==> flow/design.v <==
module sync_mul_unit_stage #(
  parameter int DATA_W = 6
) (
  input logic sys_clk,
  input logic [DATA_W-1:0] a_i,
  input logic [DATA_W-1:0] b_i,
  input logic zero_i,
  output logic [2*DATA_W-1:0] m_o,
  output logic fin_o
);
  logic [DATA_W-1:0] a_reg;
  logic [DATA_W-1:0] b_reg;
  logic zero_reg;
  localparam int SEL_W = $clog2(DATA_W + 1);
  logic [DATA_W-1:0] mcand;
  logic [SEL_W-1:0] left;
  logic [2*DATA_W-1:0] state;
  logic [DATA_W:0] work;
  assign work = state[2*DATA_W-1:DATA_W] + (state[0] ? mcand : {DATA_W{1'b0}});
  assign m_o = state;
  assign fin_o = (left == 0);
  always_ff @(posedge sys_clk) begin
    a_reg <= a_i;
    b_reg <= b_i;
    zero_reg <= zero_i;
    mcand <= zero_reg ? a_reg : mcand;
    left <= zero_reg ? DATA_W : (left != 0) ? left - 1'b1 : left;
    state <= zero_reg ? {{DATA_W{1'b0}}, b_reg} : (left != 0) ? {work, state[DATA_W-1:1]} : state;
  end
endmodule
**Reports on sync_mul_unit_stage**

A sweep over "DATA_W": the same steps for each member of the family.
The RTL above is that of DATA_W 6; lines are counted from 1 in the file of the member named.
Operators: Yosys type, input widths -> output width; for muxes data width and select width s.
Cell names lack the library's common part.
A cell with -- has no value.

- Design top: sync_mul_unit_stage
- Clock input: sys_clk
- Library: sky130hd
- Timing corner: tt_025C_1v80

**Source of the members**

New or changed lines of each further member against the RTL above, in its own file; lines it lacks are not shown.

Lines new or changed:

| DATA_W | RTL line | RTL |
|---|---|---|
| 7 | 2 | `parameter int DATA_W = 7` |
| 32 | 2 | `parameter int DATA_W = 32` |

**Word-level counts**

Source: Yosys, flattened and elaborated, memories not mapped. Widths are those after wreduce. Registers that Yosys merges into a memory's read port (data or address) are not register bits. Print and check cells do not count. Equal cells are merged and count once.

Cells by class:

| DATA_W | add/subtract/negate cells | multiplexer cells | reduce/logical cells |
|---|---|---|---|
| 6 | 2 | 3 | 3 |
| 7 | 2 | 3 | 3 |
| 32 | 2 | 3 | 3 |

Operators with widths:

| DATA_W | kind and count |
|---|---|
| 6 | $mux 6 (3); $add 6x6->7 (1); $sub 3x1->3 const B (1); $logic_not 3->1 (1); $reduce_bool 3->1 (1); $reduce_bool 2->1 (1) |
| 7 | $mux 7 (3); $add 7x7->8 (1); $sub 3x1->3 const B (1); $logic_not 3->1 (1); $reduce_bool 3->1 (1); $reduce_bool 2->1 (1) |
| 32 | $mux 32 (3); $add 32x32->33 (1); $sub 6x1->6 const B (1); $logic_not 6->1 (1); $reduce_bool 6->1 (1); $reduce_bool 2->1 (1) |

Bit counts:

| DATA_W | bits in registers |
|---|---|
| 6 | 34 |
| 7 | 39 |
| 32 | 167 |

**Longest topological paths**

Depth = most cells in a row (Yosys ltp): at word level without a register or memory, in the mapped netlist without a sequential cell, where the memories' decode and read muxes count.

Logic depth:

| DATA_W | depth after elaboration | ABC_AREA | gate-level depth with buffers |
|---|---|---|---|
| 6 | 4 | 0 | 8 |
| 7 | 4 | 0 | 9 |
| 32 | 4 | 0 | 12 |

**Netlist**

Yosys stat after the flow's synthesis: flattened, memories mapped to cells. It holds for the ABC_AREA given above (unset counts as 0); a run with the other value may have another netlist.
Totals and module areas in this step are rounded.

Synthesis totals:

| DATA_W | cells in the netlist | chip area (Yosys) (sq um) | area of sequential cells (sq um) | mapped flip-flops |
|---|---|---|---|---|
| 6 | 106 | 1310 | 801 | 34 |
| 7 | 124 | 1540 | 921 | 39 |
| 32 | 594 | 6940 | 3980 | 167 |

Cell types:

| DATA_W | type and count |
|---|---|
| 6 | dfxtp_1 (22); edfxtp_1 (12); ha_1 (8); mux2_2 (6); nor2_1 (9); and2_1 (5); nand2b_1 (5); a21oi_1 (6); a211oi_2 (2); inv_1 (6); fa_1 (1); o21ai_0 (4); nand2_1 (5); xnor2_1 (2); a211oi_1 (2); o31ai_2 (1); o41ai_1 (1); buf_4 (1); [+8] |
| 7 | dfxtp_1 (25); edfxtp_1 (14); ha_1 (9); mux2_2 (7); and2_1 (6); inv_1 (9); a21o_1 (4); nand3b_1 (4); a21oi_1 (4); fa_1 (1); nand3_1 (4); nand2b_1 (3); a211oi_1 (2); nor3_1 (3); o21a_1 (2); o21ai_0 (3); or4_1 (2); nor2b_1 (2); [+20] |
| 32 | dfxtp_1 (103); edfxtp_1 (64); ha_1 (34); mux2_2 (32); a21oi_1 (50); nand2_1 (66); and2_1 (34); xnor2_1 (17); a21o_1 (16); xor2_1 (13); nor2_1 (19); o21ai_0 (14); clkbuf_1 (15); a211oi_1 (7); o211ai_1 (6); a31oi_1 (6); o21bai_1 (5); nand2b_1 (5); [+88] |

A list marked [+n] leaves out that many cells.

**Path before layout**

Source: OpenSTA report_checks on the synthesized netlist (no wires, ideal clock, input and output delay 20% of the period each), path of least setup slack; recovery checks are left aside. Register names are those of the netlist, which keeps one name where synthesis merged equal registers.

Timing post-synthesis:

| DATA_W | path kind | start | end | clock period (ps) | slack (ps) | driving pins on the path | delay of the path (ps) | synthesis period reached (ps) |
|---|---|---|---|---|---|---|---|---|
| 6 | reg-to-reg | register state[0] | register state[11] | 2300 | 464 | 9 | 1837 | 1836 |
| 7 | reg-to-reg | register state[0] | register state[13] | 2540 | 512 | 8 | 2028 | 2028 |
| 32 | reg-to-reg | register state[0] | register state[61] | 3670 | 730 | 13 | 2940 | 2940 |

"delay of the path" is the arrival time less input delay plus setup time.
"driving pins on the path": output pins that drive a net of the path, with the launching flip-flop's if there is one; two outputs of one cell count as two.
"synthesis period reached" is the clock period less the worst setup slack; recovery checks do not enter. This is arithmetic on one report: input and output delays are still those of the set period (20% each).
Between the ends stands the longest chain of elaborated cells between them, by number of cells; it is not shown to be the way that was timed. Of several equally long chains one is given.
Each line given opens the expression or statement behind the cell; cells for indexed reads and writes are added by Yosys, which also makes memories of some case tables.

On the way, post-synthesis, DATA_W 6:
- Length of the longest elaborated chain: 2

Ends and longest elaborated chain, post-synthesis, DATA_W 6:

| item | RTL line | RTL |
|---|---|---|
| from (decl) | 17 | `logic [2*DATA_W-1:0] state;` |
| from (assign) | 28 | `state <= zero_reg ? {{DATA_W{1'b0}}, b_reg} : (left != 0) ? {work, state[DATA_W-1:1]} : state;` |
| $mux 6 | 19 | `assign work = state[2*DATA_W-1:DATA_W] + (state[0] ? mcand : {DATA_W{1'b0}});` |
| $add 6x6->7 | 19 |  |
| to (assign) | 28 |  |
| to (decl) | 17 |  |

On the way, post-synthesis, DATA_W 32:
- Length of the longest elaborated chain: 2

Ends and longest elaborated chain, post-synthesis, DATA_W 32:

| item | RTL line | RTL |
|---|---|---|
| from (decl) | 17 | `logic [2*DATA_W-1:0] state;` |
| from (assign) | 28 | `state <= zero_reg ? {{DATA_W{1'b0}}, b_reg} : (left != 0) ? {work, state[DATA_W-1:1]} : state;` |
| $mux 32 | 19 | `assign work = state[2*DATA_W-1:DATA_W] + (state[0] ? mcand : {DATA_W{1'b0}});` |
| $add 32x32->33 | 19 |  |
| to (assign) | 28 |  |
| to (decl) | 17 |  |

**Path in the finished layout**

From the final timing report of the run of each member: the path of least setup slack in the routed layout; clock arrival at registers is part of the times.
The path's times are printed in steps of 10 ps; the period is the one set.

Timing after layout:

| DATA_W | path kind | start | end | clock period (ps) | slack (ps) | driving pins on the path | arrival (ps) |
|---|---|---|---|---|---|---|---|
| 6 | reg-to-output | register left[0] | output port fin_o | 2300 | 170 | 6 | 1670 |
| 7 | reg-to-output | register left[0] | output port fin_o | 2540 | 310 | 6 | 1730 |
| 32 | reg-to-reg | register state[0] | register state[62] | 3670 | 460 | 11 | 3530 |

**Layout results**

Settings and results of one run of the flow (Yosys, OpenROAD) for each member follow. The constraints put input and output delay at 20% of the set period each and load the outputs with 0.01 pF.

- CAP_MARGIN: 20
- CORE_MARGIN: 2
- CORE_UTILIZATION: 40
- SLEW_MARGIN: 20

Settings by member:

| DATA_W | period_ns |
|---|---|
| 6 | 2.3 |
| 7 | 2.54 |
| 32 | 3.67 |

Results:

| DATA_W | synthesis area (sq um) | area of the die (sq um) | standard-cell area after routing (sq um) | final design utilization (%) | worst setup slack after layout (ps) | total negative slack (ps) | worst hold slack in the final report (ps) | power consumption (mW) | reached clock period (ps) |
|---|---|---|---|---|---|---|---|---|---|
| 6 | 1310 | 3740 | 1670 | 54.3 | 167 | 0 | 412 | 1.32 | 2133 |
| 7 | 1540 | 4360 | 2000 | 54.3 | 305 | 0 | 405 | 1.48 | 2235 |
| 32 | 6940 | 18400 | 9030 | 52.7 | 461 | 0 | 403 | 6.76 | 3209 |

"reached clock period" means the clock period less the worst setup slack. The figure is calculated, with input and output delays left at 20% of the set period.
"power consumption" rests on the timing tool's default activity at the inputs, not on a simulated workload.
The measured numbers are rounded.
